==> flow/design.v <==
module ex_registers_rtl #(
    parameter int NREGS = 8,
    parameter int NBITS = 2,
    parameter int AW = $clog2(NREGS)
) (
    input logic clock,
    input logic wr_en,
    input logic [AW-1:0] write_addr,
    input logic [NBITS-1:0] din,
    input logic [AW-1:0] raddr_a,
    input logic [AW-1:0] raddr_b,
    output logic [NBITS-1:0] read_data_a,
    output logic [NBITS-1:0] read_data_b
);
    logic [NBITS-1:0] mem [NREGS-1:0];
    always_ff @(posedge clock) begin
        if (wr_en)
            mem[write_addr] <= din;
    end
    assign read_data_a = mem[raddr_a];
    assign read_data_b = mem[raddr_b];
endmodule
-- Step by step through the tools: ex_registers_rtl
The steps from the RTL of ex_registers_rtl to its reports follow in flow order.
Line numbers count from 1 in the design file above.
Operators carry their Yosys type and port widths (W data, S select, Z words).
Library cell names are shortened.
A cell with n/a has no value.
- design top: ex_registers_rtl
- clock input: clock
- library: sky130hd
- timing corner: tt_025C_1v80

-- Word-level counts
Yosys after proc, flatten, opt, wreduce and memory -nomap, before mapping. Enables and synchronous resets that opt folds into registers are not counted as muxes. Memory bits, and registers merged into a memory's read port (data or address), are not among the register bits. Print and check cells are not counted. Equal cells are merged and count once.
Memory sizes are those after Yosys's memory passes, which may raise the word count (mostly to a power of two), join words into wider ones and drop unused or constant bits.
- bits in writable memories: 16
- noted output and inout bits: 4
- bits of input ports: 13
- memories kept at 1
- flip-flop bits (word level) at 0
- mux-type cells at 3
- memories (name ; depth ; bits a word ; rd ports ; wr ports ; RTL line ; text):
    mem ; 8 ; 2 ; 2 ; 1 ; 15 ; logic [NBITS-1:0] mem [NREGS-1:0];
- operators with widths (operator ; count):
    $mux W3 ; 1
    $mux W2 ; 1
    $mux W1 ; 1

-- Depth
Longest topological path by Yosys (ltp), each cell counted once; first at word level (registers and memories cut), then after technology mapping (sequential cells cut; the memories' decode and read muxes count).
- word-level depth: 1
- ABC_AREA: 0
- gate-level depth with buffers at 2
- gate-level depth less buffers: 2

-- Netlist
Source: synth_stat.txt of the flow (Yosys; design flattened, memories mapped). It holds for the ABC_AREA given above (unset counts as 0); a run with the other value may have another netlist.
- cell types (type ; count ; area in all (um2)):
    edfxtp_1 ; 16 ; 480.461
    mux4_1 ; 8 ; 210.202
    mux2_2 ; 4 ; 45.043
    nor2_1 ; 6 ; 22.522
    nand2b_1 ; 3 ; 18.768
    nor3_1 ; 2 ; 10.01
    nand2_1 ; 2 ; 7.507
- buffer cells at 0
- mapped area at 794.5 um2
- flip-flops: 16
- standard cells after synthesis: 41
- noted sequential area: 480.5 um2

-- Worst setup path after synthesis
OpenSTA on the mapped netlist: ideal clock, no wires. The path of least setup slack (recovery checks aside). Input and output delay are each 20% of the period. Register names are those of the netlist, which keeps one name where synthesis merged equal registers.
- kind: input -> output
- start point: input port raddr_a[0]
- end point: output port read_data_a[0]
- driving pins on the path at 2
- noted required time: 1.400 ns
- noted path buffers: 0
- external input delay: 0.350 ns
- path slack at 0.248 ns
- time at the first pin at 0.350 ns
- path delay at 0.802 ns
- arrival at 1.152 ns
- period: 1.75 ns
- noted synthesis period reached: 1.502 ns
"path delay" is the arrival time less input delay plus setup time.
A path that ends at an output port has no setup time.
"driving pins on the path" counts driving pins, that of a launching flip-flop among them; a cell with two outputs on the path counts twice.
"synthesis period reached" is the clock period less the worst setup slack; recovery checks do not enter. This is arithmetic on one report: input and output delays are still those of the set period (20% each).
Between the ends stands the longest chain of elaborated cells between them, by number of cells; it is not shown to be the way that was timed. Of several equally long chains one is given.
Each line given opens the expression or statement behind the cell; cells for indexed reads and writes are added by Yosys, which also makes memories of some case tables.
The chain passes a memory read, where the word-level depth is cut; so it can be longer than that depth.
- cells stage by stage: mux4_1 -> mux2_2
- length of the longest elaborated chain: 1
- elaborated cells between the ends (all ways) at 1
- noted RTL lines with such cells: 1
- classes of those cells: 1 x memory
- ends and longest elaborated chain, post-synthesis (what ; RTL line ; text):
    start: declaration ; 10 ; input logic [AW-1:0] raddr_a,
    $mem_v2 Z8 W2 ; 15 ; logic [NBITS-1:0] mem [NREGS-1:0];
    end: declaration ; 12 ; output logic [NBITS-1:0] read_data_a,

-- Timing after layout
Path of least setup slack in the final report of flow run 1 (OpenROAD, finished layout, wires in). Where an end is a register, its clock arrival counts in the times.
- kind: register -> output
- start point: memory mem[3][0]
- end point: output port read_data_a[0]
- driving pins on the path at 5
- time at the first pin at 0.23 ns
- noted path buffers: 2
- arrival at 1.64 ns
- period: 1.4 ns
- noted required time: 1.12 ns
- path slack at -0.52 ns
Between the ends stands the longest chain of elaborated cells between them, by number of cells; it is not shown to be the way that was timed. Of several equally long chains one is given.
The chain passes a memory read, where the word-level depth is cut; so it can be longer than that depth.
- cells stage by stage: edfxtp_1 -> buf_4 -> mux4_2 -> mux2_4 -> buf_6
- length of the longest elaborated chain: 1
- elaborated cells between the ends (all ways) at 1
- noted RTL lines with such cells: 1
- classes of those cells: 1 x memory
- ends and longest elaborated chain, post-layout (what ; RTL line ; text):
    start: declaration ; 15 ; logic [NBITS-1:0] mem [NREGS-1:0];
    $mem_v2 Z8 W2 ; 15 ;
    end: declaration ; 12 ; output logic [NBITS-1:0] read_data_a,

FLOW RESULTS
============

Below are 3 stored runs of the flow (Yosys, OpenROAD; platform sky130hd) on ex_registers_rtl, each with its settings and what was measured, unordered. Constraints: input delay and output delay 20% of the set period each, output load 0.01 pF.
"time of the worst setup path": the worst setup path's part of the clock period (all of it between registers, 20% less for each end at a port) less its slack. A launch clock that arrives late makes it longer, a capture clock that arrives late makes it shorter.

Flow run 1
Settings were period_ns = 1.4; CORE_UTILIZATION = 22; PLACE_DENSITY = 0.86; CORE_ASPECT_RATIO = 0.54; CELL_PAD_IN_SITES_GLOBAL_PLACEMENT = 2; TNS_END_PERCENT = 70; GPL_TIMING_DRIVEN = 0; GPL_ROUTABILITY_DRIVEN = 1; MAX_ROUTING_LAYER = met5; CAP_MARGIN = 20; CORE_MARGIN = 2; SLEW_MARGIN = 20
- noted the time of the worst setup path: 1.64 ns
- worst setup path kind: register -> output
- final setup TNS at -1.702 ns
- post-synthesis cell area: 794.5 um2
- noted the area of the standard cells in the finished layout: 1049.8 um2
- setup slack of the worst path: -0.525 ns
- worst hold slack after layout at 0.813 ns
- full die area: 4131.2 um2
- noted the utilization in the final report: 0.316

Flow run 2
Settings were period_ns = 1.75; CAP_MARGIN = 20; CORE_MARGIN = 2; CORE_UTILIZATION = 40; SLEW_MARGIN = 20
- noted the time of the worst setup path: 1.56 ns
- worst setup path kind: register -> output
- final setup TNS at -0.581 ns
- post-synthesis cell area: 794.5 um2
- noted the area of the standard cells in the finished layout: 988.4 um2
- setup slack of the worst path: -0.160 ns
- worst hold slack after layout at 0.821 ns
- full die area: 2358.6 um2
- noted the utilization in the final report: 0.514

Flow run 3
Settings were period_ns = 1.12; CORE_UTILIZATION = 69; SETUP_SLACK_MARGIN = -0.04; PLACE_DENSITY_LB_ADDON = 0.25; CELL_PAD_IN_SITES_GLOBAL_PLACEMENT = 0; CELL_PAD_IN_SITES_DETAIL_PLACEMENT = 0; GPL_ROUTABILITY_DRIVEN = 0; CTS_CLUSTER_SIZE = 80; SLEW_MARGIN = 5; CAP_MARGIN = 20; CORE_MARGIN = 2
- noted the time of the worst setup path: 1.69 ns
- worst setup path kind: register -> output
- final setup TNS at -2.778 ns
- post-synthesis cell area: 794.5 um2
- noted the area of the standard cells in the finished layout: 1009.7 um2
- setup slack of the worst path: -0.798 ns
- worst hold slack after layout at 0.701 ns
- full die area: 1439.1 um2
- noted the utilization in the final report: 0.921
